==> flow/design.v <==
module sync_mag_cmp_mod #(
   parameter int W = 7
) (
   input  logic clock,
   input  logic clr,
   input  logic [W-1:0] u,
   input  logic [W-1:0] v,
   output logic le
);
   logic [W-1:0] u_q;
   logic [W-1:0] v_q;
   always_ff @(posedge clock or posedge clr) begin
      if (clr) begin
         u_q <= 0;
         v_q <= 0;
      end else begin
         u_q <= u;
         v_q <= v;
      end
   end
   assign le = (u_q <= v_q);
endmodule
# --- Reports on sync_mag_cmp_mod ---
# A sweep over "W": the same steps for each member of the family.
# The RTL above is that of W=7; lines are counted from 1 in the file of the member named.
# Library cell names are shortened.
inputs:
  top: "sync_mag_cmp_mod"
  clock_port: "clock"
  library: "sky130hd"
  pvt_corner: "tt_025C_1v80"

# --- Members of the sweep ---
# Lines of each other member's file that are new or changed against the file above; lines that a member lacks are not shown.
src_changes:
  columns: ["W", "line", "text"]
  rows:
  - [12, 2, "parameter int W = 12"]
  - [112, 2, "parameter int W = 112"]

# --- After elaboration ---
# Yosys after proc, flatten, opt, wreduce and memory -nomap, before mapping. Enables and synchronous resets that opt folds into registers are not counted as muxes. Memory bits, and registers merged into a memory's read port (data or address), are not among the register bits. Print and check cells are not counted. Equal cells are merged and count once.
word_totals:
  columns: ["W", "output_inout_bits", "elab_cells", "input_bits", "reg_bits"]
  rows:
  - [7, 1, 3, 16, 14]
  - [12, 1, 3, 26, 24]
  - [112, 1, 3, 226, 224]
op_classes:
  columns: ["W", "n_cmp"]
  rows:
  - [7, 1]
  - [12, 1]
  - [112, 1]
ops:
  columns: ["W", "op_list"]
  rows:
  - [7, "<= comparator 7 bit (1)"]
  - [12, "<= comparator 12 bit (1)"]
  - [112, "<= comparator 112 bit (1)"]

# --- Longest topological paths ---
# Longest topological path by Yosys (ltp), each cell counted once; first at word level (registers and memories cut), then after technology mapping (sequential cells cut; the memories' decode and read muxes count).
logic_depth:
  columns: ["W", "word_depth", "abc_area", "mapped_depth", "depth_no_buf"]
  rows:
  - [7, 1, 0, 5, 5]
  - [12, 1, 0, 6, 6]
  - [112, 1, 0, 9, 9]

# --- Netlist ---
# Source: synth_stat.txt of the flow (Yosys; design flattened, memories mapped). It holds for the ABC_AREA given above (unset counts as 0); a run with the other value may have another netlist.
# The area totals of this step are shown rounded.
synth_totals:
  columns: ["W", "cell_count", "area_um2", "ff_cells", "buf_cells"]
  rows:
  - [7, 39, 530, 14, 0]
  - [12, 66, 900, 24, 0]
  - [112, 633, 8500, 224, 0]
types:
  columns: ["W", "type_list"]
  rows:
  - [7, "dfrtp_1 (14); ha_1 (7); inv_1 (8); a21oi_1 (3); a21oi_2 (1); nand3b_1 (1); nand4_1 (1); o22ai_1 (1); nand3_1 (1); o21ai_0 (1); nand2_1 (1)"]
  - [12, "dfrtp_1 (24); ha_1 (12); inv_1 (13); a21oi_1 (4); nand4_1 (3); a21o_1 (2); nand3_1 (2); a211oi_1 (1); o211ai_1 (1); o31ai_1 (1); nor2b_1 (1); or3_1 (1); nand2_1 (1)"]
  - [112, "dfrtp_1 (224); ha_1 (112); inv_1 (114); a21oi_1 (46); nand4_1 (23); nand2_1 (29); o21ai_0 (13); nand3_1 (11); a21o_1 (7); nor3_1 (10); a211oi_1 (5); o211ai_1 (5); a221oi_1 (4); nor2_1 (9); and4_1 (3); nor4_1 (4); nor3_4 (1); a22oi_1 (2); (+11)"]
# The mark (+n) counts cells that are not listed.

# --- Timing after synthesis ---
# Source: OpenSTA report_checks on the synthesized netlist (no wires, ideal clock, input and output delay 20% of the period each), path of least setup slack; recovery checks are left aside. Register names are those of the netlist, which keeps one name where synthesis merged equal registers.
synth_path:
  columns: ["W", "path_kind", "startpoint", "endpoint", "path_stages", "delay_ns", "tclk_ns", "path_slack_ns", "synth_period_reached_ns"]
  rows:
  - [7, "register -> output", "reg u_q[2]", "out le", 5, 1.089, 1.7, 0.271, 1.429]
  - [12, "register -> output", "reg u_q[1]", "out le", 6, 1.359, 2.12, 0.337, 1.783]
  - [112, "register -> output", "reg u_q[1]", "out le", 9, 1.885, 2.95, 0.475, 2.475]
# "delay_ns" is the arrival time less input delay plus setup time.
# At an output port there is no setup time.
# "path_stages": output pins that drive a net of the path, with the launching flip-flop's if there is one; two outputs of one cell count as two.
# "synth_period_reached_ns" is the clock period less the worst setup slack; recovery checks do not enter. This is arithmetic on one report: input and output delays are still those of the set period (20% each).
# The rows between start and end are the longest chain of elaborated cells between them; the timing report does not say that the signal goes this way. Where chains are equally long, one stands for them.
# A line is the first line of the expression or statement that the cell stems from. Yosys adds cells for indexed reads and writes and turns some case tables into memories.
synth_between_W_7:
  elab_chain_cells: 1
synth_rtl_W_7:
  columns: ["element", "line", "text"]
  rows:
  - ["start, declared", 10, "logic [W-1:0] u_q;"]
  - ["start, assigned", 14, "u_q <= 0;"]
  - ["start, assigned", 17, "u_q <= u;"]
  - ["<= comparator 7 bit", 21, "assign le = (u_q <= v_q);"]
  - ["end, declared", 8, "output logic le"]
synth_between_W_112:
  elab_chain_cells: 1
synth_rtl_W_112:
  columns: ["element", "line", "text"]
  rows:
  - ["start, declared", 10, "logic [W-1:0] u_q;"]
  - ["start, assigned", 14, "u_q <= 0;"]
  - ["start, assigned", 17, "u_q <= u;"]
  - ["<= comparator 112 bit", 21, "assign le = (u_q <= v_q);"]
  - ["end, declared", 8, "output logic le"]

# --- Timing after layout ---
# From the final timing report of each member's run: the path of least setup slack in the routed layout; clock arrival at registers is part of the times.
layout_path:
  columns: ["W", "path_kind", "startpoint", "endpoint", "t_arrival_ns", "path_slack_ns", "tclk_ns", "path_stages", "path_buffers"]
  rows:
  - [7, "register -> output", "reg u_q[4]", "out le", 1.45, -0.09, 1.7, 6, 1]
  - [12, "register -> output", "reg u_q[1]", "out le", 1.77, -0.07, 2.12, 7, 1]
  - [112, "register -> output", "reg v_q[1]", "out le", 2.64, -0.28, 2.95, 11, 1]

# --- Layout results ---
# One run of the flow (Yosys, OpenROAD) for each member, with settings and measured results. Input and output delays are each 20% of the period that was set; the output load is 0.01 pF.
flow_settings:
  CAP_MARGIN: 20
  CORE_MARGIN: 2
  CORE_UTILIZATION: 40
  SLEW_MARGIN: 20
settings_diff:
  columns: ["W", "period_ns"]
  rows:
  - [7, 1.7]
  - [12, 2.12]
  - [112, 2.95]
results:
  columns: ["W", "yosys_chip_area_um2", "total_die_area_um2", "setup_worst_slack_ns", "final_util_frac"]
  rows:
  - [7, 530, 1600, -0.088, 0.62]
  - [12, 900, 2700, -0.072, 0.58]
  - [112, 8500, 22000, -0.28, 0.58]
# The results are shown rounded.
